==> flow/design.v <==
module core_add_core_p #(
    parameter W = 96
) (
    input wire clock,
    input wire [W-1:0] da,
    input wire [W-1:0] db,
    input wire ci,
    output wire [W-1:0] total,
    output wire carry
);
    reg [W-1:0] da_ff;
    reg [W-1:0] db_ff;
    reg ci_ff;
    reg [W-1:0] t;
    reg c;
    integer k;
    always @(*) begin
        c = ci_ff;
        for (k = 0; k < W; k = k + 1) begin
            t[k] = da_ff[k] ^ db_ff[k] ^ c;
            c = (da_ff[k] & db_ff[k]) | (c & (da_ff[k] | db_ff[k]));
        end
    end
    assign total = t;
    assign carry = c;
    always @(posedge clock) begin
        da_ff <= da;
        db_ff <= db;
        ci_ff <= ci;
    end
endmodule
=== Tool chain data of core_add_core_p ===
The steps from the RTL of core_add_core_p to its reports follow in flow order.
Lines are those of the file above, counted from 1.
Cell names lack the library's common part.
The mark - stands for no value.

* Design top: core_add_core_p
* Clock port: clock
* Library: sky130hd
* Corner: tt_025C_1v80

=== Elaborated design ===
Source: Yosys, flattened and elaborated, memories not mapped. Widths are those after wreduce; folded enables and synchronous resets count as part of the registers. Registers that Yosys merges into a memory's read port (data or address) are not register bits. Print and check cells do not count. Equal cells are merged and count once.

* Bitwise gates (word level): 576

{| class="wikitable"
|+ Operators with widths
! cell !! number
|-
| 1-bit AND || 192
|-
| 1-bit OR || 192
|-
| 1-bit XOR || 192
|}

* Bits in registers: 193
* Bits of input ports: 194
* Output and inout bits: 97
* Elaborated cells: 579

=== Longest topological paths ===
Yosys ltp: most cells in a row. Word level: on the elaborated netlist, between registers, memories and ports. Mapped: between sequential cells and ports; inverters and the memories' decode and read muxes count.

* Word-level depth: 193
* ABC_AREA: 0
* Gate-level depth with buffers: 100
* Depth with buffers taken out: 100

=== Netlist ===
Yosys stat after the flow's synthesis: flattened, memories mapped to cells. It holds for the ABC_AREA given above (unset counts as 0); a run with the other value may have another netlist.

* Cell count: 299
* Cell area after synthesis: 5,823.1 um^2
* Sequential area: 3,863.7 um^2
* Mapped flip-flops: 193
* Buffers: 0

{| class="wikitable"
|+ Cells by type
! cell !! number !! total area (um^2)
|-
| dfxtp_1 || 193 || 3.86E+03
|-
| fa_1 || 96 || 1.92E+03
|-
| inv_1 || 10 || 37.536
|}

=== Worst setup path after synthesis ===
Path of least setup slack by OpenSTA after synthesis, without wires, with an ideal clock, recovery checks aside; 20% of the period is set as input and as output delay. Where synthesis merged equal registers, the netlist keeps one of their names.

* Path type: reg-to-output
* Start: register da_ff[0]
* End: output total[95]
* Clock period: 57.5 ns
* Output delay: 11.500 ns
* Time at the first pin: 0.000 ns
* Data arrival time: 36.787 ns
* Required time: 46.000 ns
* Slack: 9.213 ns
* Delay of the path: 36.787 ns
* Stages: 101
* Path buffers: 0
* Synthesis period reached: 48.287 ns

"delay of the path" = arrival - input delay + setup time.
At an output port there is no setup time.
"stages": output pins that drive a net of the path, with the launching flip-flop's if there is one; two outputs of one cell count as two.
"synthesis period reached" is the clock period less the worst setup slack; recovery checks do not enter. This is arithmetic on one report: input and output delays are still those of the set period (20% each).
Between the ends stands the longest chain of elaborated cells between them, by number of cells; it is not shown to be the way that was timed. Of several equally long chains one is given.
A line is the first line of the expression or statement that the cell stems from. Yosys adds cells for indexed reads and writes and turns some case tables into memories.

* Cell sequence: dfxtp_1 fa_1 fa_1 fa_1 fa_1 fa_1 fa_1 fa_1 fa_1 fa_1 fa_1 fa_1 fa_1 fa_1 fa_1 fa_1 fa_1 fa_1 [65 not listed] fa_1 fa_1 fa_1 fa_1 fa_1 fa_1 fa_1 fa_1 fa_1 fa_1 fa_1 inv_1 fa_1 inv_1 fa_1 inv_1 fa_1 inv_1
* Length of the longest elaborated chain: 192
* Elaborated cells on any way between the ends: 193
* Source lines of those cells: 2
* Classes of those cells: 193 x logic

{| class="wikitable"
|+ Ends and longest elaborated chain, post-synthesis
! element !! line !! text
|-
| from (decl) || 11 || <nowiki>reg [W-1:0] da_ff;</nowiki>
|-
| from (assign) || 27 || <nowiki>da_ff <= da;</nowiki>
|-
| 1-bit OR || 21 || <nowiki>c = (da_ff[k] & db_ff[k]) | (c & (da_ff[k] | db_ff[k]));</nowiki>
|-
| 1-bit AND || 21 ||
|-
| 1-bit OR || 21 ||
|-
| 1-bit AND || 21 ||
|-
| 1-bit OR || 21 ||
|-
| 1-bit AND || 21 ||
|-
| 1-bit OR || 21 ||
|-
| [178 not listed] || - ||
|-
| 1-bit AND || 21 ||
|-
| 1-bit OR || 21 ||
|-
| 1-bit AND || 21 ||
|-
| 1-bit OR || 21 ||
|-
| 1-bit AND || 21 ||
|-
| 1-bit OR || 21 ||
|-
| 1-bit XOR || 20 || <nowiki>t[k] = da_ff[k] ^ db_ff[k] ^ c;</nowiki>
|-
| to (decl) || 8 || <nowiki>output wire [W-1:0] total,</nowiki>
|}

=== Path in the finished layout ===
Path of least setup slack in the final report of flow run 1 (OpenROAD, finished layout, wires in). Where an end is a register, its clock arrival counts in the times.

* Path type: reg-to-output
* Start: register da_ff[0]
* End: output total[95]
* Clock period: 37.5 ns
* Output delay: 7.50 ns
* Time at the first pin: 0.43 ns
* Data arrival time: 34.88 ns
* Required time: 30.00 ns
* Slack: -4.88 ns
* Stages: 102
* Path buffers: 1

Between the ends stands the longest chain of elaborated cells between them, by number of cells; it is not shown to be the way that was timed. Of several equally long chains one is given.

* Cell sequence: dfxtp_2 fa_2 fa_2 fa_2 fa_2 fa_2 fa_2 fa_2 fa_2 fa_2 fa_2 fa_2 fa_2 fa_2 fa_2 fa_2 fa_2 fa_2 [66 not listed] fa_2 fa_2 fa_2 fa_2 fa_2 fa_2 fa_2 fa_2 fa_2 fa_2 inv_2 fa_1 inv_1 fa_1 inv_1 fa_1 inv_2 buf_6
* Length of the longest elaborated chain: 192
* Elaborated cells on any way between the ends: 193
* Source lines of those cells: 2
* Classes of those cells: 193 x logic

{| class="wikitable"
|+ Ends and longest elaborated chain, post-layout
! element !! line !! text
|-
| from (decl) || 11 || <nowiki>reg [W-1:0] da_ff;</nowiki>
|-
| from (assign) || 27 || <nowiki>da_ff <= da;</nowiki>
|-
| 1-bit OR || 21 || <nowiki>c = (da_ff[k] & db_ff[k]) | (c & (da_ff[k] | db_ff[k]));</nowiki>
|-
| 1-bit AND || 21 ||
|-
| 1-bit OR || 21 ||
|-
| 1-bit AND || 21 ||
|-
| 1-bit OR || 21 ||
|-
| 1-bit AND || 21 ||
|-
| 1-bit OR || 21 ||
|-
| [178 not listed] || - ||
|-
| 1-bit AND || 21 ||
|-
| 1-bit OR || 21 ||
|-
| 1-bit AND || 21 ||
|-
| 1-bit OR || 21 ||
|-
| 1-bit AND || 21 ||
|-
| 1-bit OR || 21 ||
|-
| 1-bit XOR || 20 || <nowiki>t[k] = da_ff[k] ^ db_ff[k] ^ c;</nowiki>
|-
| to (decl) || 8 || <nowiki>output wire [W-1:0] total,</nowiki>
|}

==> results <==
Measured results for core_add_core_p: 3 stored runs of the Yosys and OpenROAD flow on sky130hd. The settings differ; the order carries no meaning. The constraints put input and output delay at 20% of the set period each and load the outputs with 0.01 pF.
"power consumption": no workload was simulated; the value follows from the tool's default switching activity.

=== Flow run 1 ===
{| class="wikitable"
! Setting !! Value
|-
| period_ns || 37.5
|-
| CORE_UTILIZATION || 31
|-
| SETUP_SLACK_MARGIN || 5.0
|-
| PLACE_DENSITY_LB_ADDON || 0.15
|-
| CORE_ASPECT_RATIO || 1.7
|-
| CELL_PAD_IN_SITES_GLOBAL_PLACEMENT || 1
|-
| CELL_PAD_IN_SITES_DETAIL_PLACEMENT || 0
|-
| GPL_ROUTABILITY_DRIVEN || 1
|-
| CTS_CLUSTER_SIZE || 99
|-
| SLEW_MARGIN || 30
|-
| MIN_ROUTING_LAYER || met2
|-
| MAX_ROUTING_LAYER || met5
|-
| CAP_MARGIN || 20
|-
| CORE_MARGIN || 2
|-
! Result !! Value
|-
| Chip area after synthesis (Yosys) || 5,823.1 um^2
|-
| Overall die area || 19,934.8 um^2
|-
| Std-cell area (final layout) || 9,877.0 um^2
|-
| Worst setup slack after layout || -4.880 ns
|-
| Total negative slack || -41.956 ns
|-
| Worst-case hold slack || 7.506 ns
|-
| Power consumption || 0.0005095 W
|}

=== Flow run 2 ===
{| class="wikitable"
! Setting !! Value
|-
| period_ns || 44.6
|-
| CORE_UTILIZATION || 32
|-
| SETUP_SLACK_MARGIN || -1.78
|-
| CELL_PAD_IN_SITES_GLOBAL_PLACEMENT || 1
|-
| CELL_PAD_IN_SITES_DETAIL_PLACEMENT || 0
|-
| TNS_END_PERCENT || 30
|-
| CTS_CLUSTER_SIZE || 17
|-
| CTS_CLUSTER_DIAMETER || 111
|-
| SLEW_MARGIN || 15
|-
| MAX_ROUTING_LAYER || met5
|-
| CAP_MARGIN || 20
|-
| CORE_MARGIN || 2
|-
! Result !! Value
|-
| Chip area after synthesis (Yosys) || 5,823.1 um^2
|-
| Overall die area || 19,291.8 um^2
|-
| Std-cell area (final layout) || 9,726.8 um^2
|-
| Worst setup slack after layout || -0.750 ns
|-
| Total negative slack || -2.600 ns
|-
| Worst-case hold slack || 8.933 ns
|-
| Power consumption || 0.0004235 W
|}

=== Flow run 3 ===
{| class="wikitable"
! Setting !! Value
|-
| period_ns || 57.5
|-
| CAP_MARGIN || 20
|-
| CORE_MARGIN || 2
|-
| CORE_UTILIZATION || 40
|-
| SLEW_MARGIN || 20
|-
! Result !! Value
|-
| Chip area after synthesis (Yosys) || 5,823.1 um^2
|-
| Overall die area || 15,538.9 um^2
|-
| Std-cell area (final layout) || 9,492.9 um^2
|-
| Worst setup slack after layout || 6.633 ns
|-
| Total negative slack || 0.000 ns
|-
| Worst-case hold slack || 11.521 ns
|-
| Power consumption || 0.0003177 W
|}
